==> flow/design.v <==
module gen_multiplier_blk #(
  parameter int NBITS = 4
) (
  input  logic CLK,
  input  logic srst,
  input  logic [NBITS-1:0] in_A,
  input  logic [NBITS-1:0] in_B,
  output logic [2*NBITS-1:0] out_p
);
  logic [NBITS-1:0] A_q;
  logic [NBITS-1:0] B_q;
  always_ff @(posedge CLK or posedge srst) begin
    if (srst) begin
      A_q <= 0;
      B_q <= 0;
    end else begin
      A_q <= in_A;
      B_q <= in_B;
    end
  end
  wire [2*NBITS-1:0] lvl [0:NBITS];
  assign lvl[0] = 0;
  for (genvar k = 0; k < NBITS; k++) begin : u_g
    assign lvl[k+1] = lvl[k] + (B_q[k] ? {{NBITS{1'b0}}, A_q} << k : {2*NBITS{1'b0}});
  end
  assign out_p = lvl[NBITS];
endmodule
Memo
Re: synthesis data of gen_multiplier_blk

== Step by step through the tools: gen_multiplier_blk ==
Tool output for the members of one design family, told apart by "NBITS", in the order of the flow.
The file above is the member NBITS 4. Line numbers count from 1 in each member's own file.
The mark n/a stands for no value.

* Design top: gen_multiplier_blk
* Clock: CLK
* Cell library: sky130hd
* Timing corner: tt_025C_1v80

== Source of the members ==
Lines of each other member's file that are new or changed against the file above; lines that a member lacks are not shown.

{| class="wikitable"
|+ Lines new or changed
! NBITS !! line !! RTL
|-
| 6 || 2 || <nowiki>parameter int NBITS = 6</nowiki>
|-
| 14 || 2 || <nowiki>parameter int NBITS = 14</nowiki>
|-
| 20 || 2 || <nowiki>parameter int NBITS = 20</nowiki>
|}

== Word level ==
Yosys after proc, flatten, opt, wreduce and memory -nomap, before mapping. Enables and synchronous resets that opt folds into registers are not counted as muxes. Memory bits, and registers merged into a memory's read port (data or address), are not among the register bits. Print and check cells are not counted. Equal cells are merged and count once.

{| class="wikitable"
|+ Word-level totals
! NBITS !! bits in registers !! cells after elaboration !! output and inout port bits !! bits of input ports
|-
| 4 || 8 || 9 || 8 || 10
|-
| 6 || 12 || 13 || 12 || 14
|-
| 14 || 28 || 29 || 28 || 30
|-
| 20 || 40 || 41 || 40 || 42
|}

{| class="wikitable"
|+ Cells by class
! NBITS !! $add $sub $neg !! multiplexer cells
|-
| 4 || 3 || 4
|-
| 6 || 5 || 6
|-
| 14 || 13 || 14
|-
| 20 || 19 || 20
|}

{| class="wikitable"
|+ Operators by type and width
! NBITS !! kinds with counts
|-
| 4 || 1 x 7-bit by 7-bit adder with 8-bit output; 1 x 6-bit by 6-bit adder with 7-bit output; 1 x 7-bit two-way mux; 1 x 4-bit by 5-bit adder with 6-bit output; 1 x 6-bit two-way mux; 1 x 5-bit two-way mux; 1 x 4-bit two-way mux
|-
| 6 || 1 x 11-bit by 11-bit adder with 12-bit output; 1 x 10-bit by 10-bit adder with 11-bit output; 1 x 11-bit two-way mux; 1 x 9-bit by 9-bit adder with 10-bit output; 1 x 10-bit two-way mux; 1 x 8-bit by 8-bit adder with 9-bit output; 1 x 9-bit two-way mux; 1 x 6-bit by 7-bit adder with 8-bit output; 1 x 8-bit two-way mux; 1 x 7-bit two-way mux; 1 x 6-bit two-way mux
|-
| 14 || 1 x 27-bit by 27-bit adder with 28-bit output; 1 x 26-bit by 26-bit adder with 27-bit output; 1 x 27-bit two-way mux; 1 x 25-bit by 25-bit adder with 26-bit output; 1 x 26-bit two-way mux; 1 x 24-bit by 24-bit adder with 25-bit output; 1 x 25-bit two-way mux; 1 x 23-bit by 23-bit adder with 24-bit output; 1 x 24-bit two-way mux; 1 x 22-bit by 22-bit adder with 23-bit output; 1 x 23-bit two-way mux; 1 x 21-bit by 21-bit adder with 22-bit output; 1 x 22-bit two-way mux; 1 x 20-bit by 20-bit adder with 21-bit output; 1 x 21-bit two-way mux; 1 x 19-bit by 19-bit adder with 20-bit output; 1 x 20-bit two-way mux; 1 x 18-bit by 18-bit adder with 19-bit output; 1 x 19-bit two-way mux; 1 x 17-bit by 17-bit adder with 18-bit output; 1 x 18-bit two-way mux; 1 x 16-bit by 16-bit adder with 17-bit output; 1 x 17-bit two-way mux; 1 x 14-bit by 15-bit adder with 16-bit output; 1 x 16-bit two-way mux; 1 x 15-bit two-way mux; 1 x 14-bit two-way mux
|-
| 20 || 1 x 39-bit by 39-bit adder with 40-bit output; 1 x 38-bit by 38-bit adder with 39-bit output; 1 x 39-bit two-way mux; 1 x 37-bit by 37-bit adder with 38-bit output; 1 x 38-bit two-way mux; 1 x 36-bit by 36-bit adder with 37-bit output; 1 x 37-bit two-way mux; 1 x 35-bit by 35-bit adder with 36-bit output; 1 x 36-bit two-way mux; 1 x 34-bit by 34-bit adder with 35-bit output; 1 x 35-bit two-way mux; 1 x 33-bit by 33-bit adder with 34-bit output; 1 x 34-bit two-way mux; 1 x 32-bit by 32-bit adder with 33-bit output; 1 x 33-bit two-way mux; 1 x 31-bit by 31-bit adder with 32-bit output; 1 x 32-bit two-way mux; 1 x 30-bit by 30-bit adder with 31-bit output; 1 x 31-bit two-way mux; 1 x 29-bit by 29-bit adder with 30-bit output; 1 x 30-bit two-way mux; 1 x 28-bit by 28-bit adder with 29-bit output; 1 x 29-bit two-way mux; 1 x 27-bit by 27-bit adder with 28-bit output; 1 x 28-bit two-way mux; 1 x 26-bit by 26-bit adder with 27-bit output; 1 x 27-bit two-way mux; 1 x 25-bit by 25-bit adder with 26-bit output; [+11]
|}

A list marked [+n] leaves out that many cells.

== Depth ==
Yosys ltp: most cells in a row. Word level: on the elaborated netlist, between registers, memories and ports. Mapped: between sequential cells and ports; inverters and the memories' decode and read muxes count.

{| class="wikitable"
|+ Logic depth
! NBITS !! depth after elaboration !! ABC_AREA !! depth in mapped cells !! gate-level depth less buffers
|-
| 4 || 4 || 0 || 10 || 10
|-
| 6 || 6 || 0 || 14 || 14
|-
| 14 || 14 || 0 || 21 || 20
|-
| 20 || 20 || 0 || 23 || 21
|}

== Mapped cells and area ==
Yosys stat after the flow's synthesis: flattened, memories mapped to cells. It holds for the ABC_AREA given above (unset counts as 0); a run with the other value may have another netlist.
Totals and module areas in this step are rounded.

{| class="wikitable"
|+ Mapped netlist
! NBITS !! buffer cells !! area of sequential cells (sq um) !! chip area (Yosys) (sq um) !! cells in the netlist !! mapped flip-flops
|-
| 4 || 0 || 200 || 589 || 51 || 8
|-
| 6 || 0 || 300 || 1360 || 135 || 12
|-
| 14 || 29 || 701 || 6940 || 705 || 28
|-
| 20 || 84 || 1000 || 14000 || 1498 || 40
|}

{| class="wikitable"
|+ Cells by type
! NBITS !! types with counts
|-
| 4 || 8 x sky130_fd_sc_hd__dfrtp_1; 10 x sky130_fd_sc_hd__ha_1; 5 x sky130_fd_sc_hd__fa_1; 12 x sky130_fd_sc_hd__and2_1; 5 x sky130_fd_sc_hd__inv_1; 2 x sky130_fd_sc_hd__xnor2_1; 2 x sky130_fd_sc_hd__a21o_1; 4 x sky130_fd_sc_hd__nand2_1; 1 x sky130_fd_sc_hd__a21oi_2; 1 x sky130_fd_sc_hd__xor2_1; 1 x sky130_fd_sc_hd__a21oi_1
|-
| 6 || 18 x sky130_fd_sc_hd__fa_1; 12 x sky130_fd_sc_hd__dfrtp_1; 18 x sky130_fd_sc_hd__ha_1; 26 x sky130_fd_sc_hd__and2_1; 24 x sky130_fd_sc_hd__inv_1; 12 x sky130_fd_sc_hd__nand2_1; 3 x sky130_fd_sc_hd__xnor2_1; 4 x sky130_fd_sc_hd__nor2b_1; 6 x sky130_fd_sc_hd__nor2_1; 3 x sky130_fd_sc_hd__a21oi_1; 1 x sky130_fd_sc_hd__a311oi_2; 1 x sky130_fd_sc_hd__nor2b_4; 1 x sky130_fd_sc_hd__a21boi_2; 1 x sky130_fd_sc_hd__or4b_1; 1 x sky130_fd_sc_hd__a221oi_1; 1 x sky130_fd_sc_hd__nor2b_2; 1 x sky130_fd_sc_hd__o21ai_2; 1 x sky130_fd_sc_hd__xor2_1; 1 x sky130_fd_sc_hd__nand3_1
|-
| 14 || 146 x sky130_fd_sc_hd__fa_1; 85 x sky130_fd_sc_hd__ha_1; 28 x sky130_fd_sc_hd__dfrtp_1; 92 x sky130_fd_sc_hd__and2_1; 120 x sky130_fd_sc_hd__nand2_1; 112 x sky130_fd_sc_hd__inv_1; 13 x sky130_fd_sc_hd__xnor2_1; 29 x sky130_fd_sc_hd__clkbuf_1; 9 x sky130_fd_sc_hd__a21o_1; 6 x sky130_fd_sc_hd__xor2_1; 10 x sky130_fd_sc_hd__a21oi_1; 11 x sky130_fd_sc_hd__nor2_1; 4 x sky130_fd_sc_hd__a211oi_1; 1 x sky130_fd_sc_hd__a221oi_4; 5 x sky130_fd_sc_hd__o21ai_0; 3 x sky130_fd_sc_hd__o21a_1; 3 x sky130_fd_sc_hd__o21bai_1; 1 x sky130_fd_sc_hd__a31oi_4; [+27]
|-
| 20 || 326 x sky130_fd_sc_hd__fa_1; 143 x sky130_fd_sc_hd__ha_1; 311 x sky130_fd_sc_hd__inv_1; 40 x sky130_fd_sc_hd__dfrtp_1; 263 x sky130_fd_sc_hd__nand2_1; 157 x sky130_fd_sc_hd__and2_1; 82 x sky130_fd_sc_hd__clkbuf_1; 21 x sky130_fd_sc_hd__xnor2_1; 32 x sky130_fd_sc_hd__a21oi_1; 14 x sky130_fd_sc_hd__a21o_1; 10 x sky130_fd_sc_hd__xor2_1; 10 x sky130_fd_sc_hd__o21ai_0; 6 x sky130_fd_sc_hd__o21bai_1; 6 x sky130_fd_sc_hd__nand2b_1; 10 x sky130_fd_sc_hd__nor2_1; 4 x sky130_fd_sc_hd__a21oi_2; 7 x sky130_fd_sc_hd__nand3_1; 5 x sky130_fd_sc_hd__and3_1; [+51]
|}

A list marked [+n] leaves out that many cells.

== Timing after synthesis ==
Source: OpenSTA report_checks on the synthesized netlist (no wires, ideal clock, input and output delay 20% of the period each), path of least setup slack; recovery checks are left aside. Register names are those of the netlist, which keeps one name where synthesis merged equal registers.

{| class="wikitable"
|+ Timing post-synthesis
! NBITS !! path type !! start !! end !! setup slack (ns) !! period (ns) !! delay of the path (ns) !! stages on the path !! period reached after synthesis (ns)
|-
| 4 || register to output || reg B_q[3] || out out_p[7] || 0.689 || 4.31 || 2.759 || 11 || 3.621
|-
| 6 || register to output || reg A_q[5] || out out_p[10] || 0.858 || 5.36 || 3.430 || 13 || 4.502
|-
| 14 || register to output || reg A_q[1] || out out_p[26] || 1.292 || 8.07 || 5.164 || 18 || 6.778
|-
| 20 || register to output || reg B_q[14] || out out_p[34] || 1.458 || 9.13 || 5.846 || 22 || 7.672
|}

"delay of the path" = arrival - input delay + setup time.
At an output port there is no setup time.
"stages on the path": output pins that drive a net of the path, with the launching flip-flop's if there is one; two outputs of one cell count as two.
"period reached after synthesis" is the clock period less the worst setup slack; recovery checks do not enter. This is arithmetic on one report: input and output delays are still those of the set period (20% each).
The rows between start and end are the longest chain of elaborated cells between them; the timing report does not say that the signal goes this way. Where chains are equally long, one stands for them.
A line is the first line of the expression or statement that the cell stems from. Yosys adds cells for indexed reads and writes and turns some case tables into memories.

Between the ends, post-synthesis, NBITS 4:
* Length of the longest elaborated chain: 2

{| class="wikitable"
|+ Ends and longest elaborated chain, post-synthesis, NBITS 4
! what !! line !! RTL
|-
| start: declaration || 11 || <nowiki>logic [NBITS-1:0] B_q;</nowiki>
|-
| start: assignment || 15 || <nowiki>B_q <= 0;</nowiki>
|-
| start: assignment || 18 || <nowiki>B_q <= in_B;</nowiki>
|-
| 7-bit two-way mux || 24 || <nowiki>assign lvl[k+1] = lvl[k] + (B_q[k] ? {{NBITS{1'b0}}, A_q} << k : {2*NBITS{1'b0}});</nowiki>
|-
| 7-bit by 7-bit adder with 8-bit output || 24 ||
|-
| end: declaration || 8 || <nowiki>output logic [2*NBITS-1:0] out_p</nowiki>
|}

Between the ends, post-synthesis, NBITS 20:
* Length of the longest elaborated chain: 7

{| class="wikitable"
|+ Ends and longest elaborated chain, post-synthesis, NBITS 20
! what !! line !! RTL
|-
| start: declaration || 11 || <nowiki>logic [NBITS-1:0] B_q;</nowiki>
|-
| start: assignment || 15 || <nowiki>B_q <= 0;</nowiki>
|-
| start: assignment || 18 || <nowiki>B_q <= in_B;</nowiki>
|-
| 34-bit two-way mux || 24 || <nowiki>assign lvl[k+1] = lvl[k] + (B_q[k] ? {{NBITS{1'b0}}, A_q} << k : {2*NBITS{1'b0}});</nowiki>
|-
| 34-bit by 34-bit adder with 35-bit output || 24 ||
|-
| 35-bit by 35-bit adder with 36-bit output || 24 ||
|-
| 36-bit by 36-bit adder with 37-bit output || 24 ||
|-
| 37-bit by 37-bit adder with 38-bit output || 24 ||
|-
| 38-bit by 38-bit adder with 39-bit output || 24 ||
|-
| 39-bit by 39-bit adder with 40-bit output || 24 ||
|-
| end: declaration || 8 || <nowiki>output logic [2*NBITS-1:0] out_p</nowiki>
|}

== Worst path after layout ==
From the final timing report of each member's run: the path of least setup slack in the routed layout; clock arrival at registers is part of the times.

{| class="wikitable"
|+ Timing after layout
! NBITS !! path type !! start !! end !! buffers on the path !! period (ns) !! setup slack (ns) !! arrival time (ns) !! stages on the path
|-
| 4 || register to output || reg B_q[3] || out out_p[4] || 1 || 4.31 || 0.26 || 3.18 || 9
|-
| 6 || register to output || reg B_q[3] || out out_p[8] || 2 || 5.36 || 0.25 || 4.04 || 14
|-
| 14 || register to output || reg B_q[8] || out out_p[24] || 1 || 8.07 || 0.26 || 6.19 || 17
|-
| 20 || register to output || reg B_q[14] || out out_p[36] || 2 || 9.13 || 0.25 || 7.06 || 23
|}

== Flow runs ==
One run of the flow (Yosys, OpenROAD) for each member, with settings and measured results. Input and output delays are each 20% of the period that was set; the output load is 0.01 pF.

* CAP_MARGIN: 20
* CORE_MARGIN: 2
* CORE_UTILIZATION: 40
* SLEW_MARGIN: 20

{| class="wikitable"
|+ Settings by member
! NBITS !! period_ns
|-
| 4 || 4.31
|-
| 6 || 5.36
|-
| 14 || 8.07
|-
| 20 || 9.13
|}

{| class="wikitable"
|+ Measured results
! NBITS !! setup slack of the critical path (ns) !! die area (sq um) !! period reached (ns) !! netlist area reported by Yosys (sq um) !! post-layout utilization
|-
| 4 || 0.265 || 1800 || 4.045 || 589 || 0.598
|-
| 6 || 0.250 || 3890 || 5.110 || 1360 || 0.528
|-
| 14 || 0.264 || 18400 || 7.806 || 6940 || 0.457
|-
| 20 || 0.247 || 36500 || 8.883 || 14000 || 0.456
|}

"period reached" = clock period - worst setup slack. The figure is calculated, with input and output delays left at 20% of the set period.
Values from the reports are rounded here.
